==> flow/design.v <==
module mplex #(
  parameter int DWIDTH = 10,
  parameter int NUM = 2,
  parameter int SW = $clog2(NUM)
) (
  input logic CLK,
  input logic [NUM*DWIDTH-1:0] i_val,
  input logic [SW-1:0] i_pick,
  output logic [DWIDTH-1:0] o_y
);
  logic [NUM*DWIDTH-1:0] r_val;
  always_ff @(posedge CLK) begin
    r_val <= i_val;
  end
  logic [SW-1:0] r_pick;
  always_ff @(posedge CLK) begin
    r_pick <= i_pick;
  end
  wire [DWIDTH-1:0] n_ [1:2*NUM-1];
  generate
    for (genvar ii = 0; ii < NUM; ii++) begin : each
      assign n_[NUM+ii] = r_val[ii*DWIDTH +: DWIDTH];
    end
    for (genvar ii = 1; ii < NUM; ii++) begin : blk
      assign n_[ii] = r_pick[SW - $clog2(ii+1)] ? n_[2*ii+1] : n_[2*ii];
    end
  endgenerate
  logic [DWIDTH-1:0] r_y;
  always_ff @(posedge CLK) begin
    r_y <= n_[1];
  end
  assign o_y = r_y;
endmodule
Step by step through the tools: mplex
The steps from the RTL of mplex to its reports follow in flow order.
Line numbers count from 1 in the design file above.
Cell names lack the library's common part.
{ "inputs": {"design": "mplex", "clock_port": "CLK", "cell_library": "sky130hd", "pvt_corner": "tt_025C_1v80"} }

Elaborated design
Yosys after proc, flatten, opt, wreduce and memory -nomap, before mapping. Enables and synchronous resets that opt folds into registers are not counted as muxes. Print and check cells are not counted. Equal cells are merged and count once.
{ "word_totals": {"register_bits": 31, "wordCells": 4, "input_bits": 22, "out_inout_bits": 10} }
{ "classes": {"mux": 1} }
{ "ops": {"columns": ["cell", "n"], "rows": [
  ["two-way mux 10 bit", 1]
]} }

Logic depth
Depth = most cells in a row (Yosys ltp): at word level without a register or memory, in the mapped netlist without a sequential cell, where the memories' decode and read muxes count.
{ "depth": {"word_depth": 1, "ABC_AREA": 0, "ltp_mapped": 2, "ltp_nobuf": 1} }

Netlist
The flow's flattened synthesis, as Yosys stat reports it; memories are mapped. The netlist is that of the ABC_AREA named above (0 if unset); the other value can give another one.
The area totals of this step are shown rounded.
{ "by_type": {"columns": ["cell", "n", "type_area_um2"], "rows": [
  ["dfxtp_1", 31, 620.595],
  ["mux2_4", 10, 150.144],
  ["buf_6", 1, 11.261]
]} }
{ "mapped": {"yosys_area_um2": 780, "cells": 42, "sequential_area_um2": 620, "ffs": 31, "buf_cells": 1} }

Timing after synthesis
OpenSTA on the mapped netlist: ideal clock, no wires. The path of least setup slack (recovery checks aside). Input and output delay are each 20% of the period. Register names are those of the netlist, which keeps one name where synthesis merged equal registers.
{ "synth_timing": {"kind": "reg2reg", "start": "reg r_pick", "end": "reg r_y[0]", "stages": 3, "arrival_time_ns": 0.754, "setup_time_ns": 0.121, "delay_ns": 0.875, "t_first_pin_ns": 0.000, "period_ns": 1.09, "required_ns": 0.969, "n_path_buf": 1, "slack_ns": 0.214, "period_less_setup_slack_ns": 0.876} }
"delay_ns" is the arrival time less input delay plus setup time.
"stages": output pins that drive a net of the path, with the launching flip-flop's if there is one; two outputs of one cell count as two.
"period_less_setup_slack_ns" is the clock period less the worst setup slack; recovery checks do not enter. This is arithmetic on one report: input and output delays are still those of the set period (20% each).
The rows between start and end are the longest chain of elaborated cells between them; the timing report does not say that the signal goes this way. Where chains are equally long, one stands for them.
A line is the first line of the expression or statement that the cell stems from. Yosys adds cells for indexed reads and writes and turns some case tables into memories.
{ "synth_via": {"cell_sequence": "dfxtp_1 > buf_6 > mux2_4", "elab_chain_len": 1, "cells_between": 1, "cone_lines": 1, "cone_classes": "1 x mux"} }
{ "synth_rtl": {"columns": ["item", "line_no", "text"], "rows": [
  ["from (decl)", 15, "logic [SW-1:0] r_pick;"],
  ["from (assign)", 17, "r_pick <= i_pick;"],
  ["two-way mux 10 bit", 25, "assign n_[ii] = r_pick[SW - $clog2(ii+1)] ? n_[2*ii+1] : n_[2*ii];"],
  ["to (assign)", 30, "r_y <= n_[1];"],
  ["to (decl)", 28, "logic [DWIDTH-1:0] r_y;"]
]} }

Timing after layout
Path of least setup slack in the final report of flow run 1 (OpenROAD, finished layout, wires in). Where an end is a register, its clock arrival counts in the times.
{ "layout_timing": {"kind": "reg2out", "start": "reg r_y[0]", "end": "out o_y[0]", "t_first_pin_ns": 0.31, "slack_ns": 0.12, "stages": 2, "n_path_buf": 1, "out_delay_ns": 0.22, "period_ns": 1.09, "required_ns": 0.87, "arrival_time_ns": 0.75} }
{ "layout_via": {"cell_sequence": "dfxtp_1 > buf_2", "elab_chain_len": 0, "cells_between": 0, "cone_lines": 0} }
{ "layout_rtl": {"columns": ["item", "line_no", "text"], "rows": [
  ["from (decl)", 28, "logic [DWIDTH-1:0] r_y;"],
  ["from (assign)", 30, "r_y <= n_[1];"],
  ["to (decl)", 9, "output logic [DWIDTH-1:0] o_y"]
]} }

--- measured runs ---
Stored flow runs of mplex (3 of them; Yosys, OpenROAD, sky130hd). They differ in their settings and are not a sequence. Constraints: input delay and output delay 20% of the set period each, output load 0.01 pF.
"clock period achieved" = clock period - worst setup slack. The figure is calculated, with input and output delays left at 20% of the set period.
By "worst path time" is meant the share of the clock period that the worst setup path is allowed (20% is reserved at inputs, 20% at outputs), minus its slack. Clock arrival times at its registers enter into it.
"power" is the tool's figure for a default switching activity; nothing was simulated.
Measured values are rounded.

==> flow run 1: settings <==
{ "period_ns": 1.09, "CAP_MARGIN": 20, "CORE_MARGIN": 2, "CORE_UTILIZATION": 40, "SLEW_MARGIN": 20 }
==> flow run 1: results <==
chip area in the Yosys report: 780 µm²
die footprint: 2300 µm²
standard-cell area of the final layout: 1100 µm²
post-route utilization: 63 %
setup slack of the worst path: 0.12 ns
setup TNS: 0.000 ns
worst hold slack after layout: 0.34 ns
power: 2000 uW
clock period achieved: 0.970 ns
worst path time: 0.75 ns
type of the worst setup path: reg2out

==> flow run 2: settings <==
{ "period_ns": 1.4, "CORE_UTILIZATION": 40, "SETUP_SLACK_MARGIN": 0.28, "PLACE_DENSITY": 0.45, "CELL_PAD_IN_SITES_GLOBAL_PLACEMENT": 1, "TNS_END_PERCENT": 5, "GPL_ROUTABILITY_DRIVEN": 1, "CTS_CLUSTER_SIZE": 93, "SLEW_MARGIN": 40, "CAP_MARGIN": 20, "CORE_MARGIN": 2 }
==> flow run 2: results <==
chip area in the Yosys report: 780 µm²
die footprint: 2300 µm²
standard-cell area of the final layout: 1200 µm²
post-route utilization: 67 %
setup slack of the worst path: 0.28 ns
setup TNS: 0.000 ns
worst hold slack after layout: 0.40 ns
power: 1600 uW
clock period achieved: 1.120 ns
worst path time: 0.84 ns
type of the worst setup path: reg2out

==> flow run 3: settings <==
{ "period_ns": 0.963, "CORE_UTILIZATION": 38, "SETUP_SLACK_MARGIN": -0.02, "PLACE_DENSITY_LB_ADDON": 0.19, "CORE_MARGIN": 9, "CELL_PAD_IN_SITES_GLOBAL_PLACEMENT": 2, "TNS_END_PERCENT": 5, "ABC_AREA": 1, "GPL_TIMING_DRIVEN": 0, "GPL_ROUTABILITY_DRIVEN": 1, "CAP_MARGIN": 15, "MIN_ROUTING_LAYER": "met2", "MAX_ROUTING_LAYER": "met4", "SLEW_MARGIN": 20 }
==> flow run 3: results <==
chip area in the Yosys report: 750 µm²
die footprint: 3900 µm²
standard-cell area of the final layout: 1100 µm²
post-route utilization: 62 %
setup slack of the worst path: 0.013 ns
setup TNS: 0.000 ns
worst hold slack after layout: 0.31 ns
power: 2200 uW
clock period achieved: 0.950 ns
worst path time: 0.76 ns
type of the worst setup path: reg2out
--- end ---
